==> flow/design.v <==
module rf_blk #(
   parameter NREGS = 4,
   parameter DW = 16,
   parameter ADDR_WIDTH = $clog2(NREGS),
   parameter GROUPS = DW / 8
) (
   input  wire core_clk,
   input  wire clr,
   input  wire [GROUPS-1:0] wstrb_in,
   input  wire [ADDR_WIDTH-1:0] wr_addr_in,
   input  wire [DW-1:0] din_in,
   input  wire [ADDR_WIDTH-1:0] rd_idx_in,
   output wire [DW-1:0] q_out
);
   reg [GROUPS-1:0] wstrb_s;
   reg [ADDR_WIDTH-1:0] wr_addr_s;
   reg [DW-1:0] din_s;
   always @(posedge core_clk or posedge clr) begin
      if (clr) begin
         wstrb_s <= 0;
         wr_addr_s <= 0;
         din_s <= 0;
      end else begin
         wstrb_s <= wstrb_in;
         wr_addr_s <= wr_addr_in;
         din_s <= din_in;
      end
   end
   reg [DW-1:0] ram [NREGS-1:0];
   integer idx;
   always @(posedge core_clk) begin
      for (idx = 0; idx < GROUPS; idx = idx + 1)
         if (wstrb_s[idx]) ram[wr_addr_s][8*idx +: 8] <= din_s[8*idx +: 8];
   end
   reg [ADDR_WIDTH-1:0] rd_idx_s;
   always @(posedge core_clk or posedge clr) begin
      if (clr) begin
         rd_idx_s <= 0;
      end else begin
         rd_idx_s <= rd_idx_in;
      end
   end
   assign q_out = ram[rd_idx_s];
endmodule
# ---- Reports on rf_blk
# A sweep over "NREGS": the same steps for each member of the family.
# The RTL above is that of NREGS=4; lines are counted from 1 in the file of the member named.
# Operators carry their Yosys type and port widths (W data, S select, Z words).
# Library cell names are shortened.
# A cell with - has no value.
dict set report setup {
  top {rf_blk}
  clock {core_clk}
  library {sky130hd}
  corner {tt_025C_1v80}
}

# ---- Source of the members
# Lines of each other member's file that are new or changed against the file above; lines that a member lacks are not shown.
# NREGS line_no
set src_changes {}
lappend src_changes {32 2} ;# parameter NREGS = 32,
lappend src_changes {40 2} ;# parameter NREGS = 40,

# ---- Elaborated design
# Yosys after proc, flatten, opt, wreduce and memory -nomap, before mapping. Enables and synchronous resets that opt folds into registers are not counted as muxes. Memory bits, and registers merged into a memory's read port (data or address), are not among the register bits. Print and check cells are not counted. Equal cells are merged and count once.
# Yosys's memory passes give these memory sizes; they may raise the number of words (mostly to a power of two), join words into wider ones and drop unused or constant bits.
# NREGS memories regBits output_inout_bits input_bits ram_bits
set bits {}
lappend bits {4 1 22 16 24 64}
lappend bits {32 1 28 16 30 512}
lappend bits {40 1 30 16 32 640}
# NREGS mux
set op_classes {}
lappend op_classes {4 4}
lappend op_classes {32 4}
lappend op_classes {40 4}
# NREGS memory_list
set mem_list {}
lappend mem_list {4 {ram 4 x 16 bit 1R1W}}
lappend mem_list {32 {ram 32 x 16 bit 1R1W}}
lappend mem_list {40 {ram 40 x 16 bit 1R1W}}
# NREGS op_list
set ops {}
lappend ops {4 {2 x $mux W16; 2 x $mux W1}}
lappend ops {32 {2 x $mux W16; 2 x $mux W1}}
lappend ops {40 {2 x $mux W16; 2 x $mux W1}}

# ---- Longest topological paths
# Depth = most cells in a row (Yosys ltp): at word level without a register or memory, in the mapped netlist without a sequential cell, where the memories' decode and read muxes count.
# NREGS depth_word ABC_AREA mapped_depth ltp_nobuf
set logic_depth {}
lappend logic_depth {4 1 0 3 1}
lappend logic_depth {32 1 0 8 5}
lappend logic_depth {40 1 0 8 5}

# ---- Synthesis result
# Source: synth_stat.txt of the flow (Yosys; design flattened, memories mapped). It holds for the ABC_AREA given above (unset counts as 0); a run with the other value may have another netlist.
# Totals and module areas in this step are rounded.
# NREGS buffers ff_cells area_mm2 mapped_cells seq_area_mm2
set mapped {}
lappend mapped {4 4 86 0.00296 115 0.00247}
lappend mapped {32 76 540 0.0211 1201 0.0161}
lappend mapped {40 81 670 0.0262 1376 0.02}
# NREGS cell_types
set by_type {}
lappend by_type {4 {64 x edfxtp_1; 22 x dfrtp_1; 10 x mux4_2; 6 x mux4_1; 4 x and3b_1; 1 x buf_12; 2 x nor3b_1; 2 x and3_1; 1 x buf_6; 2 x buf_2; 1 x inv_1}}
lappend by_type {32 {512 x edfxtp_1; 256 x mux2i_1; 28 x dfrtp_1; 64 x a22oi_1; 32 x a22o_1; 65 x nor2_1; 35 x nand3_1; 32 x a21oi_1; 19 x buf_4; 33 x nand2_1; 16 x a31oi_1; 5 x buf_12; 16 x nand4_1; 19 x buf_2; 6 x buf_8; 16 x nor3_1; 21 x clkbuf_1; 6 x buf_6; (+20)}}
lappend by_type {40 {640 x edfxtp_1; 256 x mux2i_1; 30 x dfrtp_1; 32 x mux4_2; 64 x a22oi_1; 82 x nor2_1; 32 x a22o_1; 18 x a221oi_2; 16 x o41ai_2; 21 x buf_6; 16 x mux2_2; 32 x a21oi_1; 18 x buf_4; 14 x a221oi_1; 27 x clkbuf_1; 16 x o22ai_1; 24 x nand2_1; 10 x buf_2; (+28)}}
# A list marked (+n) leaves out that many cells.

# ---- Worst setup path after synthesis
# Source: OpenSTA report_checks on the synthesized netlist (no wires, ideal clock, input and output delay 20% of the period each), path of least setup slack; recovery checks are left aside. Register names are those of the netlist, which keeps one name where synthesis merged equal registers.
# NREGS path_type start end slack_ps path_stages period_ps delay_ps period_less_setup_slack_ps
set synth_path {}
lappend synth_path {4 {flip-flop to flip-flop} {register wr_addr_s[0]} {memory ram[0][0]} 377 2 1870 1493 1493}
lappend synth_path {32 {flip-flop to flip-flop} {register wr_addr_s[1]} {memory ram[28][0]} 466 5 2350 1884 1884}
lappend synth_path {40 {flip-flop to output port} {register rd_idx_s[2]} {output port q_out[11]} 449 9 2800 1791 2351}
# "delay_ps" is the arrival time less input delay plus setup time.
# At an output port there is no setup time.
# "path_stages": output pins that drive a net of the path, with the launching flip-flop's if there is one; two outputs of one cell count as two.
# "period_less_setup_slack_ps" is the clock period less the worst setup slack; recovery checks do not enter. This is arithmetic on one report: input and output delays are still those of the set period (20% each).
# The rows between start and end are the longest chain of elaborated cells between them; the timing report does not say that the signal goes this way. Where chains are equally long, one stands for them.
# Each line given opens the expression or statement behind the cell; cells for indexed reads and writes are added by Yosys, which also makes memories of some case tables.
# The chain passes a memory read, where the word-level depth is cut; so it can be longer than that depth.
dict set report synth_via_NREGS_4 {
  elab_chain_cells 0
}
# element line_no
set synth_lines_NREGS_4 {}
lappend synth_lines_NREGS_4 {{start, declared} 16} ;# reg [ADDR_WIDTH-1:0] wr_addr_s;
lappend synth_lines_NREGS_4 {{start, assigned} 21} ;# wr_addr_s <= 0;
lappend synth_lines_NREGS_4 {{start, assigned} 25} ;# wr_addr_s <= wr_addr_in;
lappend synth_lines_NREGS_4 {{end, declared} 29} ;# reg [DW-1:0] ram [NREGS-1:0];
dict set report synth_via_NREGS_40 {
  elab_chain_cells 1
}
# element line_no
set synth_lines_NREGS_40 {}
lappend synth_lines_NREGS_40 {{start, declared} 35} ;# reg [ADDR_WIDTH-1:0] rd_idx_s;
lappend synth_lines_NREGS_40 {{start, assigned} 38} ;# rd_idx_s <= 0;
lappend synth_lines_NREGS_40 {{start, assigned} 40} ;# rd_idx_s <= rd_idx_in;
lappend synth_lines_NREGS_40 {{$mem_v2 Z40 W16} 29} ;# reg [DW-1:0] ram [NREGS-1:0];
lappend synth_lines_NREGS_40 {{end, declared} 13} ;# output wire [DW-1:0] q_out

# ---- Path in the finished layout
# From the final timing report of the run of each member: the path of least setup slack in the routed layout; clock arrival at registers is part of the times.
# The report prints the path's times to 10 ps; the period is as set.
# NREGS path_type start end slack_ps arrival_ps path_buffers path_stages period_ps
set layout_path {}
lappend layout_path {4 {flip-flop to output port} {register rd_idx_s[0]} {output port q_out[14]} -170 1660 3 5 1870}
lappend layout_path {32 {flip-flop to output port} {register rd_idx_s[0]} {output port q_out[5]} -670 2550 6 11 2350}
lappend layout_path {40 {flip-flop to output port} {register rd_idx_s[0]} {output port q_out[15]} -710 2950 5 10 2800}

# ---- Layout results
# Settings and results of one run of the flow (Yosys, OpenROAD) for each member follow. The constraints put input and output delay at 20% of the set period each and load the outputs with 0.01 pF.
dict set report settings {
  CAP_MARGIN 20
  CORE_MARGIN 2
  CORE_UTILIZATION 40
  SLEW_MARGIN 20
}
# NREGS period_ns
set settings_by_member {}
lappend settings_by_member {4 1.87}
lappend settings_by_member {32 2.35}
lappend settings_by_member {40 2.8}
# NREGS die_mm2 synthArea_mm2 stdcell_area_mm2 setup_ws_ps timing.achieved_period_ps post_route_util_pct tns_ps
set results {}
lappend results {4 0.00811 0.00296 0.00371 -168 2038 51.5 -1580}
lappend results {32 0.0546 0.0211 0.0259 -674 3024 49.6 -9350}
lappend results {40 0.0675 0.0262 0.0322 -708 3508 49.9 -10000}
# By "timing.achieved_period_ps" is meant the clock period of the run minus its worst setup slack. This is arithmetic on one report: input and output delays are still those of the set period (20% each).
# Results are given in rounded form.
